==> flow/design.v <==
module compare (clock, rstn, d_i, mx_o);
  parameter DW = 36;
  parameter N_IN = 5;
  input clock;
  input rstn;
  input [N_IN*DW-1:0] d_i;
  output [DW-1:0] mx_o;
  reg [DW-1:0] cur;
  integer i;
  always @(*) begin
    cur = d_i[DW-1:0];
    for (i = 1; i < N_IN; i = i + 1)
      if (d_i[i*DW +: DW] > cur) cur = d_i[i*DW +: DW];
  end
  reg [DW-1:0] mx_reg;
  always @(posedge clock or negedge rstn) begin
    if (!rstn) begin
      mx_reg <= 0;
    end else begin
      mx_reg <= cur;
    end
  end
  assign mx_o = mx_reg;
endmodule
Reports on compare
The steps from the RTL of compare to its reports follow in flow order. Lines are those of the file above, counted from 1. Library cell names are shortened. The mark -- stands for no value.

Top module: compare. Clock port: clock. Cell library: sky130hd. Timing corner: tt_025C_1v80.

After elaboration
Yosys after proc, flatten, opt, wreduce and memory -nomap, before mapping. Enables and synchronous resets that opt folds into registers are not counted as muxes. Memory bits, and registers merged into a memory's read port (data or address), are not among the register bits. Print and check cells are not counted. Equal cells are merged and count once.

The figure for input port bits is 182. Word-level cells: 9. Under output and inout port bits stands 36. For flip-flop bits (word level) the number is 36.

The entry for multiplexer cells reads 4. For order comparisons the number is 4.

Operator list (count): 36-bit > comparator (4); 36-bit 2-to-1 mux (4).

Longest topological paths
Longest topological path by Yosys (ltp), each cell counted once; first at word level (registers and memories cut), then after technology mapping (sequential cells cut; the memories' decode and read muxes count).

For depth in word-level cells the number is 8. The figure for ABC_AREA is 1. The figure for mapped depth is 69.

Netlist
The flow's flattened synthesis, as Yosys stat reports it; memories are mapped. The netlist is that of the ABC_AREA named above (0 if unset); the other value can give another one.

Cells by type: ha_1 (count 142, area in all 1.78E+03 um^2); nand2_1 (count 281, area in all 1.05E+03 um^2); dfrtp_1 (count 36, area in all 900.864 um^2); inv_1 (count 115, area in all 431.664 um^2); nand3_1 (count 85, area in all 425.408 um^2); o21ai_0 (count 77, area in all 385.37 um^2); a21oi_1 (count 56, area in all 280.269 um^2); nand2_2 (count 37, area in all 231.472 um^2); nor2_1 (count 34, area in all 127.622 um^2); nand4_1 (count 19, area in all 118.864 um^2); clkbuf_1 (count 23, area in all 86.333 um^2); nand2_4 (count 5, area in all 56.304 um^2); a211oi_1 (count 7, area in all 52.55 um^2); o221ai_1 (count 5, area in all 43.792 um^2); nand3_2 (count 4, area in all 40.038 um^2); buf_6 (count 3, area in all 33.782 um^2); nor3_1 (count 5, area in all 25.024 um^2); a21o_1 (count 3, area in all 22.522 um^2).

Other cell types: 16; their cells: 25.

Under mapped area stands 0.006276 mm^2. Mapped cells: 962. The figure for flip-flop cells is 36.

Worst setup path after synthesis
OpenSTA on the mapped netlist: ideal clock, no wires. The path of least setup slack (recovery checks aside). Input and output delay are each 20% of the period. Register names are those of the netlist, which keeps one name where synthesis merged equal registers.

Kind: input -> register. From: in d_i[35]. To: reg mx_reg[10]. The entry for arrival time reads 10.322 ns. The entry for required time reads 15.882 ns. For input delay the number is 3.200 ns. Under path buffers stands 6. Slack: 5.560 ns. Period: 16.0 ns. The figure for stages is 54. For setup time the number is 0.118 ns. Path delay: 7.240 ns. Under launch time at the first pin stands 3.200 ns. Synthesis period reached: 10.44 ns.

"path delay" is the arrival time less input delay plus setup time. "stages": output pins that drive a net of the path, with the launching flip-flop's if there is one; two outputs of one cell count as two. "synthesis period reached" = period - worst setup slack (recovery checks aside). The figure is calculated, with input and output delays left at 20% of the set period. Between the ends stands the longest chain of elaborated cells between them, by number of cells; it is not shown to be the way that was timed. Of several equally long chains one is given. A line is the first line of the expression or statement that the cell stems from. Yosys adds cells for indexed reads and writes and turns some case tables into memories.

Cells stage by stage: inv_1 ha_1 nand2_1 nor2_2 nand2_1 nor2_2 nand3_1 nand2_1 nor2_1 nand2_2 nand2_4 clkbuf_1 clkbuf_1 nand2_1 o21ai_0 ha_1 nand2_1 inv_1 [18 not listed] nand2_2 nand2_1 ha_1 a21oi_1 nor2_1 a211oi_1 o211ai_1 o21ai_0 a21oi_1 nor3_1 nand2_1 a21oi_1 o221ai_1 nand2_1 clkinv_1 clkbuf_1 nand2_1 nand2_1. The entry for cells in the longest elaborated chain reads 8. For elaborated cells between the ends (all ways) the number is 8. Those cells by class: 4 x compare; 4 x mux.

RTL lines, path after synthesis: start, declared (RTL line 6) `input [N_IN*DW-1:0] d_i;`; 36-bit > comparator (RTL line 13) `if (d_i[i*DW +: DW] > cur) cur = d_i[i*DW +: DW];`; 36-bit 2-to-1 mux (RTL line 13); 36-bit > comparator (RTL line 13); 36-bit 2-to-1 mux (RTL line 13); 36-bit > comparator (RTL line 13); 36-bit 2-to-1 mux (RTL line 13); 36-bit > comparator (RTL line 13); 36-bit 2-to-1 mux (RTL line 13); end, assigned (RTL line 18) `mx_reg <= 0;`; end, assigned (RTL line 20) `mx_reg <= cur;`; end, declared (RTL line 15) `reg [DW-1:0] mx_reg;`.

Path in the finished layout
From the final timing report of record 1: the path of least setup slack in the routed layout; clock arrival at registers is part of the times.

Kind: input -> register. From: in d_i[11]. To: reg mx_reg[13]. The entry for required time reads 14.82 ns. For setup time the number is 0.06 ns. Under launch time at the first pin stands 2.92 ns. For input delay the number is 2.92 ns. Period: 14.6 ns. Under path buffers stands 2. The entry for arrival time reads 12.67 ns. Slack: 2.15 ns. The figure for stages is 52.

Between the ends stands the longest chain of elaborated cells between them, by number of cells; it is not shown to be the way that was timed. Of several equally long chains one is given.

Cells stage by stage: clkdlybuf4s50_1 inv_1 ha_1 nand2_1 nor2_1 nand2_1 nor2_1 nand3_1 nand2_4 o21ai_0 ha_1 nand2_1 inv_1 nand3_1 nor3_1 nand2_1 or4_4 nand2_4 [16 not listed] nand2_1 ha_1 nand2_1 inv_1 nand3_1 nor2_1 a21boi_0 o21ai_0 a21oi_1 nor3_1 nand2_1 a21oi_1 o221ai_1 nand2_1 clkinv_1 buf_4 nand2_1 nand2_1. The entry for cells in the longest elaborated chain reads 8. For elaborated cells between the ends (all ways) the number is 8. Those cells by class: 4 x compare; 4 x mux.

RTL lines, path after layout: start, declared (RTL line 6) `input [N_IN*DW-1:0] d_i;`; 36-bit > comparator (RTL line 13) `if (d_i[i*DW +: DW] > cur) cur = d_i[i*DW +: DW];`; 36-bit 2-to-1 mux (RTL line 13); 36-bit > comparator (RTL line 13); 36-bit 2-to-1 mux (RTL line 13); 36-bit > comparator (RTL line 13); 36-bit 2-to-1 mux (RTL line 13); 36-bit > comparator (RTL line 13); 36-bit 2-to-1 mux (RTL line 13); end, assigned (RTL line 18) `mx_reg <= 0;`; end, assigned (RTL line 20) `mx_reg <= cur;`; end, declared (RTL line 15) `reg [DW-1:0] mx_reg;`.

# Flow runs of compare

Record of 3 stored runs of the RTL-to-layout flow on compare, platform sky130hd. The runs are unordered. Constraints: input delay and output delay 20% of the set period each, output load 0.01 pF. "reached clock period" is the run's clock period less its worst setup slack. It is reckoned from that one timing run; input and output delays stay at 20% of the period that was set. By "allowed time less slack (worst setup path)" is meant the share of the clock period that the worst setup path is allowed (20% is reserved at inputs, 20% at outputs), minus its slack. Clock arrival times at its registers enter into it. "power consumption" is the tool's figure for a default switching activity; nothing was simulated.

Record 1 has these settings: period_ns 14.6; CORE_UTILIZATION 23; SETUP_SLACK_MARGIN 0.78; PLACE_DENSITY_LB_ADDON 0.05; CORE_ASPECT_RATIO 0.51; ABC_AREA 1; GPL_ROUTABILITY_DRIVEN 0; CAP_MARGIN 20; CORE_MARGIN 2; SLEW_MARGIN 20. The reached clock period stands at 12.450 ns. The allowed time less slack (worst setup path) is 9.53 ns. Worst setup path type: input -> register. The area of the die is 0.0287008 mm^2. The measured final design utilization is 33.1 %. For the standard-cell area after layout the run shows 0.0089423 mm^2. The power consumption comes to 0.0009745 W. For the chip area after synthesis (Yosys) the run shows 0.006276 mm^2. The total negative slack on setup checks comes to 0.000 ns. The worst slack on setup checks reads 2.150 ns.

Record 2 has these settings: period_ns 7.77; CORE_UTILIZATION 54; PLACE_DENSITY 0.37; CORE_MARGIN 10; CELL_PAD_IN_SITES_GLOBAL_PLACEMENT 3; CELL_PAD_IN_SITES_DETAIL_PLACEMENT 2; ABC_AREA 0; GPL_ROUTABILITY_DRIVEN 1; CTS_CLUSTER_SIZE 95; CTS_CLUSTER_DIAMETER 166; CAP_MARGIN 40; SLEW_MARGIN 40. Outcome: incomplete, placement halted on GPL-0301.

Record 3 has these settings: period_ns 16.0; CAP_MARGIN 20; CORE_MARGIN 2; CORE_UTILIZATION 40; SLEW_MARGIN 20. The reached clock period stands at 15.039 ns. The allowed time less slack (worst setup path) is 11.84 ns. Worst setup path type: input -> register. The area of the die is 0.0175337 mm^2. The measured final design utilization is 56.6 %. For the standard-cell area after layout the run shows 0.0090562 mm^2. The power consumption comes to 0.001002 W. For the chip area after synthesis (Yosys) the run shows 0.0065963 mm^2. The total negative slack on setup checks comes to 0.000 ns. The worst slack on setup checks reads 0.961 ns.
